==> flow/design.v <==
module my_mul_unit_mod (sys_clk, nrst, a_in, b_in, clear_in, m_out);
    parameter DWIDTH = 20;
    parameter G = 2;
    input sys_clk;
    input nrst;
    input [DWIDTH-1:0] a_in;
    input [DWIDTH-1:0] b_in;
    input clear_in;
    output [2*DWIDTH+G-1:0] m_out;
    reg [DWIDTH-1:0] a_r;
    reg [DWIDTH-1:0] b_r;
    reg clear_r;
    always @(posedge sys_clk or negedge nrst) begin
        if (~nrst) begin
            a_r <= 0;
            b_r <= 0;
            clear_r <= 1'b0;
        end else begin
            a_r <= a_in;
            b_r <= b_in;
            clear_r <= clear_in;
        end
    end
    wire [2*DWIDTH-1:0] work;
    assign work = a_r * b_r;
    reg [2*DWIDTH+G-1:0] accum;
    always @(posedge sys_clk or negedge nrst) begin
        if (~nrst) begin
            accum <= 0;
        end else begin
            accum <= clear_r ? work : accum + work;
        end
    end
    assign m_out = accum;
endmodule
Reports on my_mul_unit_mod
Tool output for the design above, in the order of the flow.
Line numbers count from 1 in the design file above.
The mark - stands for no value.

set-up
  top module = my_mul_unit_mod
  clock input = sys_clk
  standard-cell library = sky130hd
  corner = tt_025C_1v80

After elaboration
Source: Yosys, flattened and elaborated, memories not mapped. Widths are those after wreduce; folded enables and synchronous resets count as part of the registers. Registers that Yosys merges into a memory's read port (data or address) are not register bits. Print and check cells do not count. Equal cells are merged and count once.

word-level totals
  register bits = 83
  input bits = 43
  word-level cells = 7

cells by class
  $add $sub $neg = 1
  multiply operators = 1
  muxes and demuxes = 1

operators by type and width
  kind                          number
  multiplier 20 x 20 -> 40 bit  1
  adder 42 x 40 -> 42 bit       1
  2-to-1 mux 42 bit             1

Longest topological paths
Yosys ltp: most cells in a row. Word level: on the elaborated netlist, between registers, memories and ports. Mapped: between sequential cells and ports; inverters and the memories' decode and read muxes count.

logic depth
  depth after elaboration = 3
  ABC_AREA = 1
  mapped depth = 40

Netlist
The flow's flattened synthesis, as Yosys stat reports it; memories are mapped. The netlist is that of the ABC_AREA named above (0 if unset); the other value can give another one.
Totals and module areas in this step are rounded.

cells by type
  cell                       number  area in all (µm²)
  sky130_fd_sc_hd__fa_1      321     6.43E+03
  sky130_fd_sc_hd__nand2_1   938     3.52E+03
  sky130_fd_sc_hd__inv_1     820     3.08E+03
  sky130_fd_sc_hd__ha_1      198     2.48E+03
  sky130_fd_sc_hd__dfrtp_1   83      2.08E+03
  sky130_fd_sc_hd__nor2_1    129     484.214
  sky130_fd_sc_hd__nand3_1   91      455.437
  sky130_fd_sc_hd__a21oi_1   65      325.312
  sky130_fd_sc_hd__clkbuf_1  85      319.056
  sky130_fd_sc_hd__o21ai_0   40      200.192
  sky130_fd_sc_hd__and2_1    22      137.632
  sky130_fd_sc_hd__xor2_1    13      113.859
  sky130_fd_sc_hd__nand3_2   11      110.106
  sky130_fd_sc_hd__xnor2_1   11      96.342
  sky130_fd_sc_hd__nand2_2   13      81.328
  sky130_fd_sc_hd__o21bai_1  8       60.058
  sky130_fd_sc_hd__xor2_2    3       48.797
  sky130_fd_sc_hd__nor3_1    9       45.043

Not listed: further types 22, cells in them 49.

synthesis totals
  cell count = 2909
  synthesis area = 20400 µm²
  area of sequential cells = 2080 µm²
  flip-flop cells = 83
  buffers = 89

Path before layout
Path of least setup slack by OpenSTA after synthesis, without wires, with an ideal clock, recovery checks aside; 20% of the period is set as input and as output delay. Where synthesis merged equal registers, the netlist keeps one of their names.

path after synthesis
  kind = flip-flop to flip-flop
  from = reg a_r[9]
  to = reg accum[38]
  period = 9.99 ns
  library setup time = 0.118 ns
  launch time at the first pin = 0.000 ns
  data arrival time = 6.669 ns
  slack = 3.203 ns
  path delay = 6.787 ns
  driving pins on the path = 38
  period reached after synthesis = 6.787 ns

"path delay" is the arrival time less input delay plus setup time.
"driving pins on the path": output pins that drive a net of the path, with the launching flip-flop's if there is one; two outputs of one cell count as two.
"period reached after synthesis" = period - worst setup slack (recovery checks aside). The figure is calculated, with input and output delays left at 20% of the set period.
The rows between start and end are the longest chain of elaborated cells between them; the timing report does not say that the signal goes this way. Where chains are equally long, one stands for them.
Each line given opens the expression or statement behind the cell; cells for indexed reads and writes are added by Yosys, which also makes memories of some case tables.

on the way, after synthesis
  path through = sky130_fd_sc_hd__dfrtp_1 > sky130_fd_sc_hd__clkbuf_1 > sky130_fd_sc_hd__nand2_1 > sky130_fd_sc_hd__inv_1 > sky130_fd_sc_hd__fa_1 > sky130_fd_sc_hd__fa_1 > sky130_fd_sc_hd__inv_1 > sky130_fd_sc_hd__fa_1 > sky130_fd_sc_hd__inv_1 > sky130_fd_sc_hd__fa_1 > sky130_fd_sc_hd__inv_1 > sky130_fd_sc_hd__fa_1 > sky130_fd_sc_hd__inv_1 > sky130_fd_sc_hd__fa_1 > sky130_fd_sc_hd__inv_1 > sky130_fd_sc_hd__fa_1 > sky130_fd_sc_hd__inv_1 > sky130_fd_sc_hd__ha_1 > [... 2 more ...] > sky130_fd_sc_hd__a21oi_2 > sky130_fd_sc_hd__nand2_1 > sky130_fd_sc_hd__nand2_1 > sky130_fd_sc_hd__nand3_2 > sky130_fd_sc_hd__or2_1 > sky130_fd_sc_hd__and2_1 > sky130_fd_sc_hd__ha_1 > sky130_fd_sc_hd__nand2_1 > sky130_fd_sc_hd__nor2_1 > sky130_fd_sc_hd__nand2_1 > sky130_fd_sc_hd__nor2_1 > sky130_fd_sc_hd__nand2_1 > sky130_fd_sc_hd__nand3_2 > sky130_fd_sc_hd__nand2_1 > sky130_fd_sc_hd__nand2_1 > sky130_fd_sc_hd__nand2_1 > sky130_fd_sc_hd__nand3_1 > sky130_fd_sc_hd__nand2_1
  cells in the longest elaborated chain = 3
  elaborated cells between the ends (all ways) = 3
  RTL lines with such cells = 2

ends and longest elaborated chain, after synthesis
  item                          RTL line  RTL
  from (decl)                   10        reg [DWIDTH-1:0] a_r;
  from (assign)                 15        a_r <= 0;
  from (assign)                 19        a_r <= a_in;
  multiplier 20 x 20 -> 40 bit  25        assign work = a_r * b_r;
  adder 42 x 40 -> 42 bit       31        accum <= clear_r ? work : accum + work;
  2-to-1 mux 42 bit             31
  to (assign)                   29        accum <= 0;
  to (assign)                   31
  to (decl)                     26        reg [2*DWIDTH+G-1:0] accum;

Worst path after layout
From the final timing report of job 1: the path of least setup slack in the routed layout; clock arrival at registers is part of the times.

path after layout
  kind = flip-flop to flip-flop
  from = reg a_r[8]
  to = reg accum[40]
  period = 4.91 ns
  library setup time = 0.10 ns
  launch time at the first pin = 0.40 ns
  data arrival time = 7.33 ns
  slack = -2.13 ns
  driving pins on the path = 35

The rows between start and end are the longest chain of elaborated cells between them; the timing report does not say that the signal goes this way. Where chains are equally long, one stands for them.

on the way, after layout
  path through = sky130_fd_sc_hd__dfrtp_2 > sky130_fd_sc_hd__buf_6 > sky130_fd_sc_hd__buf_4 > sky130_fd_sc_hd__nand2_1 > sky130_fd_sc_hd__fa_1 > sky130_fd_sc_hd__inv_1 > sky130_fd_sc_hd__fa_1 > sky130_fd_sc_hd__fa_1 > sky130_fd_sc_hd__fa_1 > sky130_fd_sc_hd__fa_1 > sky130_fd_sc_hd__fa_1 > sky130_fd_sc_hd__inv_1 > sky130_fd_sc_hd__fa_1 > sky130_fd_sc_hd__inv_1 > sky130_fd_sc_hd__ha_4 > sky130_fd_sc_hd__nand2_4 > sky130_fd_sc_hd__nor2_4 > sky130_fd_sc_hd__nand2_1 > sky130_fd_sc_hd__inv_2 > sky130_fd_sc_hd__nand4_1 > sky130_fd_sc_hd__nand3_4 > sky130_fd_sc_hd__nand2_4 > sky130_fd_sc_hd__nand2_2 > sky130_fd_sc_hd__nand2_2 > sky130_fd_sc_hd__and2_4 > sky130_fd_sc_hd__ha_4 > sky130_fd_sc_hd__nand2_2 > sky130_fd_sc_hd__nor2_4 > sky130_fd_sc_hd__nand2_2 > sky130_fd_sc_hd__nor2_2 > sky130_fd_sc_hd__nand4_1 > sky130_fd_sc_hd__nand3_1 > sky130_fd_sc_hd__nand2_1 > sky130_fd_sc_hd__nand2_1 > sky130_fd_sc_hd__nor2_1
  cells in the longest elaborated chain = 3
  elaborated cells between the ends (all ways) = 3
  RTL lines with such cells = 2

ends and longest elaborated chain, after layout
  item                          RTL line  RTL
  from (decl)                   10        reg [DWIDTH-1:0] a_r;
  from (assign)                 15        a_r <= 0;
  from (assign)                 19        a_r <= a_in;
  multiplier 20 x 20 -> 40 bit  25        assign work = a_r * b_r;
  adder 42 x 40 -> 42 bit       31        accum <= clear_r ? work : accum + work;
  2-to-1 mux 42 bit             31
  to (assign)                   29        accum <= 0;
  to (assign)                   31
  to (decl)                     26        reg [2*DWIDTH+G-1:0] accum;

Wiki page: my_mul_unit_mod / flow data

3 stored runs of my_mul_unit_mod in the flow (synthesis by Yosys, layout by OpenROAD, sky130hd cells), in arbitrary order. Constraints: input delay and output delay 20% of the set period each, output load 0.01 pF.
"period reached": clock period set for the run, less the worst setup slack. It is reckoned from that one timing run; input and output delays stay at 20% of the period that was set.
"allowed time less slack (worst setup path)" is the time allowed to the run's worst setup path (the clock period less input and output delay, where it has them) less its slack. Clock arrival times count: a late capture clock shortens it, a late launch clock lengthens it.
Results are given in rounded form.
Among the settings, n/a means not set for that run.

name                                             job 1                   job 2                   job 3
period_ns                                        4.91                    9.99                    6.79
CORE_UTILIZATION                                 31                      40                      24
CORE_ASPECT_RATIO                                0.81                    n/a                     1.18
CORE_MARGIN                                      5                       2                       2
CELL_PAD_IN_SITES_GLOBAL_PLACEMENT               0                       n/a                     1
ABC_AREA                                         1                       n/a                     n/a
CTS_CLUSTER_SIZE                                 91                      n/a                     n/a
CAP_MARGIN                                       20                      20                      20
MAX_ROUTING_LAYER                                met4                    n/a                     n/a
SLEW_MARGIN                                      20                      20                      20
SETUP_SLACK_MARGIN                               n/a                     n/a                     -0.59
PLACE_DENSITY                                    n/a                     n/a                     0.5
MIN_ROUTING_LAYER                                n/a                     n/a                     met1
period reached (ns)                              7.041                   8.964                   8.224
allowed time less slack (worst setup path) (ns)  7.04                    8.96                    8.22
critical path type                               flip-flop to flip-flop  flip-flop to flip-flop  flip-flop to flip-flop
post-route setup TNS (ns)                        -66.6                   0.000                   -30.3
standard-cell area after layout (µm²)            28200                   19900                   24600
smallest setup slack (ns)                        -2.13                   1.03                    -1.43
mapped cell area after synthesis (µm²)           20400                   18200                   18200
worst hold slack in the final report (ns)        0.557                   0.579                   0.587
die outline area (µm²)                           71000                   47200                   78100
final utilization (%)                            43.4                    44.1                    32.8
